==> flow/design.v <==
module u_switch #(
  parameter integer DATA_WIDTH = 10
) (
  input  wire aclk,
  input  wire rst,
  input  wire [DATA_WIDTH-1:0] i_d_0,
  input  wire [DATA_WIDTH-1:0] i_d_1,
  input  wire [DATA_WIDTH-1:0] i_d_2,
  input  wire [1:0] i_idx,
  output wire [DATA_WIDTH-1:0] o_data_out
);
  reg [DATA_WIDTH-1:0] d_0_q;
  reg [DATA_WIDTH-1:0] d_1_q;
  reg [DATA_WIDTH-1:0] d_2_q;
  reg [1:0] idx_q;
  reg [DATA_WIDTH-1:0] tmp;
  always @(*) begin
    casez (idx_q)
      2'b?1: tmp = d_0_q;
      2'b10: tmp = d_1_q;
      default: tmp = d_2_q;
    endcase
  end
  assign o_data_out = tmp;
  always @(posedge aclk) begin
    if (rst) begin
      d_0_q <= 0;
      d_1_q <= 0;
      d_2_q <= 0;
      idx_q <= 0;
    end else begin
      d_0_q <= i_d_0;
      d_1_q <= i_d_1;
      d_2_q <= i_d_2;
      idx_q <= i_idx;
    end
  end
endmodule
==> From RTL to reports: u_switch <==
The steps from the RTL of u_switch to its reports follow in flow order.
Line numbers count from 1 in the design file above.
Library cell names are shortened.
{ "setup": {"top_module": "u_switch", "clock": "aclk", "lib": "sky130hd", "lib_corner": "tt_025C_1v80"} }

==> After elaboration <==
Counts by Yosys on the flattened word-level netlist (proc, flatten, opt, wreduce; memories kept). Register bits leave out memories and registers merged into their read ports (data or address); mux counts leave out enables and synchronous resets folded into registers. Print and check cells are left out. Cells with the same type and inputs are merged into one.
{ "word_totals": {"ff_bits": 32, "elab_cells": 6} }
{ "op_classes": {"equal": 1, "muxes": 1} }
{ "ops": {"columns": ["op", "n"], "rows": [
  ["parallel mux 10 bit (select 2 bit)", 1],
  ["== test 2 bit with constant B", 1]
]} }

==> Longest topological paths <==
Yosys ltp: most cells in a row. Word level: on the elaborated netlist, between registers, memories and ports. Mapped: between sequential cells and ports; inverters and the memories' decode and read muxes count.
{ "depth": {"ltp_word": 2, "abc_area": 0, "depth_mapped": 3, "ltp_nobuf": 2} }

==> Netlist <==
The flow's flattened synthesis, as Yosys stat reports it; memories are mapped. The netlist is that of the ABC_AREA named above (0 if unset); the other value can give another one.
Totals and module areas in this step are rounded.
{ "types": {"columns": ["cell", "n", "type_area_um2"], "rows": [
  ["dfxtp_1", 32, 640.614],
  ["nor2b_1", 32, 200.192],
  ["mux2i_1", 10, 100.096],
  ["o21ai_1", 9, 45.043],
  ["nand2_1", 10, 37.536],
  ["buf_2", 5, 25.024],
  ["buf_6", 1, 11.261],
  ["o21ai_2", 1, 8.758]
]} }
{ "synth_totals": {"cells": 100, "area_um2": 1070, "seqArea_um2": 641, "flip_flops": 32, "buf_cells": 6} }

==> Timing after synthesis <==
Source: OpenSTA report_checks on the synthesized netlist (no wires, ideal clock, input and output delay 20% of the period each), path of least setup slack; recovery checks are left aside. Register names are those of the netlist, which keeps one name where synthesis merged equal registers.
{ "synth_path": {"path_type": "flip-flop to output port", "startpoint": "register idx_q[1]", "endpoint": "output port o_data_out[9]", "clock_period_ns": 1.17, "out_delay_ns": 0.234, "launch_ns": 0.000, "arrival_time_ns": 0.750, "required_time_ns": 0.936, "path_slack_ns": 0.186, "path_delay_ns": 0.750, "stages": 4, "synth_period_reached_ns": 0.984} }
"path_delay_ns" = arrival - input delay + setup time.
At an output port there is no setup time.
"stages": output pins that drive a net of the path, with the launching flip-flop's if there is one; two outputs of one cell count as two.
"synth_period_reached_ns" is the clock period less the worst setup slack; recovery checks do not enter. This is arithmetic on one report: input and output delays are still those of the set period (20% each).
The rows between start and end are the longest chain of elaborated cells between them; the timing report does not say that the signal goes this way. Where chains are equally long, one stands for them.
Each line given opens the expression or statement behind the cell; cells for indexed reads and writes are added by Yosys, which also makes memories of some case tables.
{ "synth_between": {"path_cell_list": "dfxtp_1 -> buf_6 -> mux2i_1 -> o21ai_2", "elab_chain_len": 2} }
{ "synth_rtl": {"columns": ["item", "line_no", "rtl"], "rows": [
  ["start: declaration", 15, "reg [1:0] idx_q;"],
  ["start: assignment", 30, "idx_q <= 0;"],
  ["start: assignment", 35, "idx_q <= i_idx;"],
  ["== test 2 bit", 18, "casez (idx_q)"],
  ["parallel mux 10 bit (select 2 bit)", 18, null],
  ["end: declaration", 10, "output wire [DATA_WIDTH-1:0] o_data_out"]
]} }

==> Timing after layout <==
From the final timing report of job 1: the path of least setup slack in the routed layout; clock arrival at registers is part of the times.
{ "layout_path": {"path_type": "flip-flop to output port", "startpoint": "register idx_q[1]", "endpoint": "output port o_data_out[9]", "clock_period_ns": 1.17, "out_delay_ns": 0.23, "launch_ns": 0.32, "arrival_time_ns": 1.23, "required_time_ns": 0.94, "path_slack_ns": -0.29, "stages": 5} }
The rows between start and end are the longest chain of elaborated cells between them; the timing report does not say that the signal goes this way. Where chains are equally long, one stands for them.
{ "layout_between": {"path_cell_list": "dfxtp_2 -> buf_6 -> mux2i_1 -> o21ai_2 -> buf_2", "elab_chain_len": 2} }
{ "layout_rtl": {"columns": ["item", "line_no", "rtl"], "rows": [
  ["start: declaration", 15, "reg [1:0] idx_q;"],
  ["start: assignment", 30, "idx_q <= 0;"],
  ["start: assignment", 35, "idx_q <= i_idx;"],
  ["== test 2 bit", 18, "casez (idx_q)"],
  ["parallel mux 10 bit (select 2 bit)", 18, null],
  ["end: declaration", 10, "output wire [DATA_WIDTH-1:0] o_data_out"]
]} }

Flow measurements of u_switch on sky130hd: 3 stored runs with different settings, listed in no order. Input and output delays are each 20% of the period that was set; the output load is 0.01 pF.
"achieved_period_ns" = clock period - worst setup slack. The figure is calculated, with input and output delays left at 20% of the set period.
"worst_path_time_ns" = time allowed to the worst setup path (clock period - input delay - output delay, where it has them) - its slack; a late launch clock adds to it, a late capture clock takes from it.
By "totalPower_mw" is meant OpenSTA's value without simulated activity: inputs other than the clock are taken to toggle once in ten clock periods, and the tool carries that through the logic.
Results are given in rounded form.
[
  {
    "run": "job 1",
    "settings": { "period_ns": 1.17, "CAP_MARGIN": 20, "CORE_MARGIN": 2, "CORE_UTILIZATION": 40, "SLEW_MARGIN": 20 },
    "results": { "yosys_chip_area_um2": 1070, "dieArea_um2": 3100, "layout_stdcell_area_um2": 1580, "setup_ws_ns": -0.293, "final_setup_tns_ns": -2.71, "hold_ws_ns": 0.455, "totalPower_mw": 2.07, "achieved_period_ns": 1.463, "worst_path_time_ns": 1.23, "critical_path_kind": "flip-flop to output port" }
  },
  {
    "run": "job 2",
    "settings": { "period_ns": 0.71, "CORE_UTILIZATION": 43, "SETUP_SLACK_MARGIN": -0.04, "PLACE_DENSITY_LB_ADDON": 0.16, "CORE_MARGIN": 7, "CELL_PAD_IN_SITES_GLOBAL_PLACEMENT": 2, "TNS_END_PERCENT": 100, "ABC_AREA": 0, "CTS_CLUSTER_SIZE": 24, "CAP_MARGIN": 40, "MAX_ROUTING_LAYER": "met5", "SLEW_MARGIN": 20 },
    "outcome": "unfinished; error FLW-0024 in placement"
  },
  {
    "run": "job 3",
    "settings": { "period_ns": 0.834, "CORE_UTILIZATION": 58, "PLACE_DENSITY_LB_ADDON": 0.25, "CORE_ASPECT_RATIO": 0.68, "CORE_MARGIN": 10, "GPL_ROUTABILITY_DRIVEN": 0, "SLEW_MARGIN": 35, "CAP_MARGIN": 20 },
    "results": { "yosys_chip_area_um2": 1070, "dieArea_um2": 3990, "layout_stdcell_area_um2": 1590, "setup_ws_ns": -0.632, "final_setup_tns_ns": -5.94, "hold_ws_ns": 0.394, "totalPower_mw": 3.09, "achieved_period_ns": 1.466, "worst_path_time_ns": 1.30, "critical_path_kind": "flip-flop to output port" }
  }
]
